==> flow/design.v <==
module sync_switch_stage #(
  parameter integer DWIDTH = 20,
  parameter integer NUM = 6
) (
  input wire sys_clk,
  input wire RSTN,
  input wire [NUM*DWIDTH-1:0] val,
  input wire [NUM-1:0] addr,
  output reg [DWIDTH-1:0] z_o
);
  reg [NUM*DWIDTH-1:0] val_d1;
  reg [NUM-1:0] addr_d1;
  always @(posedge sys_clk) begin
    if (~RSTN) begin
      val_d1 <= 0;
      addr_d1 <= 0;
    end else begin
      val_d1 <= val;
      addr_d1 <= addr;
    end
  end
  reg [DWIDTH-1:0] tmp;
  integer i;
  always @(*) begin
    tmp = 0;
    for (i = NUM-1; i >= 0; i = i - 1)
      if (addr_d1[i]) tmp = val_d1[i*DWIDTH +: DWIDTH];
  end
  always @(posedge sys_clk) begin
    if (~RSTN) begin
      z_o <= 0;
    end else begin
      z_o <= tmp;
    end
  end
endmodule
Reports on sync_switch_stage. What the tools print for sync_switch_stage, step after step. Line numbers count from 1 in the design file above. Operators carry their Yosys type and port widths (W data, S select, Z words). Library cell names are shortened. A cell with n/a has no value.

Top: sync_switch_stage. Clock: sys_clk. Cell library: sky130hd. Corner: tt_025C_1v80.

After elaboration. Counts by Yosys on the flattened word-level netlist (proc, flatten, opt, wreduce; memories kept). Register bits leave out memories and registers merged into their read ports (data or address); mux counts leave out enables and synchronous resets folded into registers. Print and check cells are left out. Cells with the same type and inputs are merged into one.

Mux-type cells: 6.

Operators with widths (count): $mux W20 (6).

The figure for input port bits is 128. The entry for elaborated cells reads 9. The figure for register bits is 146. For output and inout port bits the number is 20.

Depth. Depth = most cells in a row (Yosys ltp): at word level without a register or memory, in the mapped netlist without a sequential cell, where the memories' decode and read muxes count.

Depth after elaboration: 6. Under ABC_AREA stands 0. Depth in mapped cells: 5.

Netlist. Source: synth_stat.txt of the flow (Yosys; design flattened, memories mapped). It holds for the ABC_AREA given above (unset counts as 0); a run with the other value may have another netlist.

The entry for buffers reads 36. The figure for flip-flop cells is 146. For cells in the netlist the number is 452. The figure for chip area (Yosys) is 4822.1 um2. The entry for sequential area reads 2922.8 um2.

Cell types: dfxtp_1 (count 146, total area 2.92E+03 um2); and2_1 (count 126, total area 788.256 um2); a21oi_1 (count 40, total area 200.192 um2); a221o_1 (count 19, total area 190.182 um2); a221oi_1 (count 19, total area 166.41 um2); nand3b_1 (count 20, total area 150.144 um2); o21ai_0 (count 20, total area 100.096 um2); clkbuf_1 (count 21, total area 78.826 um2); inv_1 (count 20, total area 75.072 um2); buf_2 (count 10, total area 50.048 um2); buf_6 (count 3, total area 33.782 um2); dlygate4sd1_1 (count 2, total area 17.517 um2); a221oi_2 (count 1, total area 15.014 um2); o221a_1 (count 1, total area 11.261 um2); or2_4 (count 1, total area 8.758 um2); nor2b_1 (count 1, total area 6.256 um2); inv_2 (count 1, total area 3.754 um2); nand2_1 (count 1, total area 3.754 um2).

Timing after synthesis. Source: OpenSTA report_checks on the synthesized netlist (no wires, ideal clock, input and output delay 20% of the period each), path of least setup slack; recovery checks are left aside. Register names are those of the netlist, which keeps one name where synthesis merged equal registers.

Path type: register to register. From: reg addr_d1[2]. To: reg z_o[10]. Delay of the path: 1.135 ns. Under period stands 1.42 ns. The figure for buffers on the path is 2. The entry for arrival time reads 1.007 ns. Under slack stands 0.286 ns. Under launch time at the first pin stands 0.000 ns. The entry for stages reads 6. The figure for data required time is 1.292 ns. For synthesis period reached the number is 1.134 ns.

"delay of the path" is the arrival time less input delay plus setup time. "stages" counts driving pins, that of a launching flip-flop among them; a cell with two outputs on the path counts twice. "synthesis period reached" is the clock period less the worst setup slack; recovery checks do not enter. This is arithmetic on one report: input and output delays are still those of the set period (20% each). Between the ends stands the longest chain of elaborated cells between them, by number of cells; it is not shown to be the way that was timed. Of several equally long chains one is given. A line is the first line of the expression or statement that the cell stems from. Yosys adds cells for indexed reads and writes and turns some case tables into memories.

Cells stage by stage: dfxtp_1 > nor2b_1 > buf_2 > buf_6 > a221oi_1 > a21oi_1. The figure for cells in the longest elaborated chain is 3. The entry for elaborated cells on any way between the ends reads 3. Those cells by class: mux (3).

RTL lines, path post-synthesis: start: declaration (RTL line 12) `reg [NUM-1:0] addr_d1;`; start: assignment (RTL line 16) `addr_d1 <= 0;`; start: assignment (RTL line 19) `addr_d1 <= addr;`; $mux W20 (3 in a row) (RTL line 27) `if (addr_d1[i]) tmp = val_d1[i*DWIDTH +: DWIDTH];`; end: assignment (RTL line 31) `z_o <= 0;`; end: assignment (RTL line 33) `z_o <= tmp;`; end: declaration (RTL line 9) `output reg [DWIDTH-1:0] z_o`.

Path in the finished layout. From the final timing report of record 2: the path of least setup slack in the routed layout; clock arrival at registers is part of the times.

Path type: register to output. From: reg z_o[6]. To: out z_o[6]. Under launch time at the first pin stands 0.42 ns. Under period stands 1.42 ns. The entry for arrival time reads 1.05 ns. The figure for data required time is 1.14 ns. The figure for buffers on the path is 1. The entry for stages reads 2. Under slack stands 0.08 ns.

Cells stage by stage: dfxtp_1 > dlygate4sd2_1. The figure for cells in the longest elaborated chain is 0. The entry for elaborated cells on any way between the ends reads 0.

RTL lines, path post-layout: start: declaration (RTL line 9) `output reg [DWIDTH-1:0] z_o`; start: assignment (RTL line 31) `z_o <= 0;`; start: assignment (RTL line 33) `z_o <= tmp;`; end: declaration (RTL line 9).

## Implementation results

Settings and measured results of 3 stored flow runs for module sync_switch_stage (sky130hd), not sorted in any way. The constraints put input and output delay at 20% of the set period each and load the outputs with 0.01 pF. "critical path time": the worst setup path's part of the clock period (all of it between registers, 20% less for each end at a port) less its slack. A launch clock that arrives late makes it longer, a capture clock that arrives late makes it shorter. "total power of the final layout": no workload was simulated; the value follows from the tool's default switching activity.

Record 1 has these settings: period_ns 0.963; CORE_UTILIZATION 48; PLACE_DENSITY_LB_ADDON 0.14; CORE_ASPECT_RATIO 1.04; CELL_PAD_IN_SITES_DETAIL_PLACEMENT 2; TNS_END_PERCENT 70; GPL_TIMING_DRIVEN 1; CTS_CLUSTER_SIZE 60; MIN_ROUTING_LAYER met1; MAX_ROUTING_LAYER met5; CAP_MARGIN 20; CORE_MARGIN 2; SLEW_MARGIN 20. Outcome: incomplete, placement halted on DPL-0033.

Record 2 has these settings: period_ns 1.42; CAP_MARGIN 20; CORE_MARGIN 2; CORE_UTILIZATION 40; SLEW_MARGIN 20. The post-layout utilization comes to 0.59. The total negative slack stands at 0.000 ns. The measured critical path time is 1.05 ns. Worst path kind: register to output. For the worst setup slack after layout the run shows 0.081 ns. The total power of the final layout reads 9853 uW. The area inside the die boundary reads 12949.3 um2. The chip area after synthesis (Yosys) is 4822.1 um2.

Record 3 has these settings: period_ns 0.96; CORE_UTILIZATION 72; PLACE_DENSITY_LB_ADDON 0.07; CORE_ASPECT_RATIO 1.8; CELL_PAD_IN_SITES_DETAIL_PLACEMENT 2; ABC_AREA 0; CAP_MARGIN 20; CORE_MARGIN 2; SLEW_MARGIN 20. Outcome: incomplete, placement halted on FLW-0024.
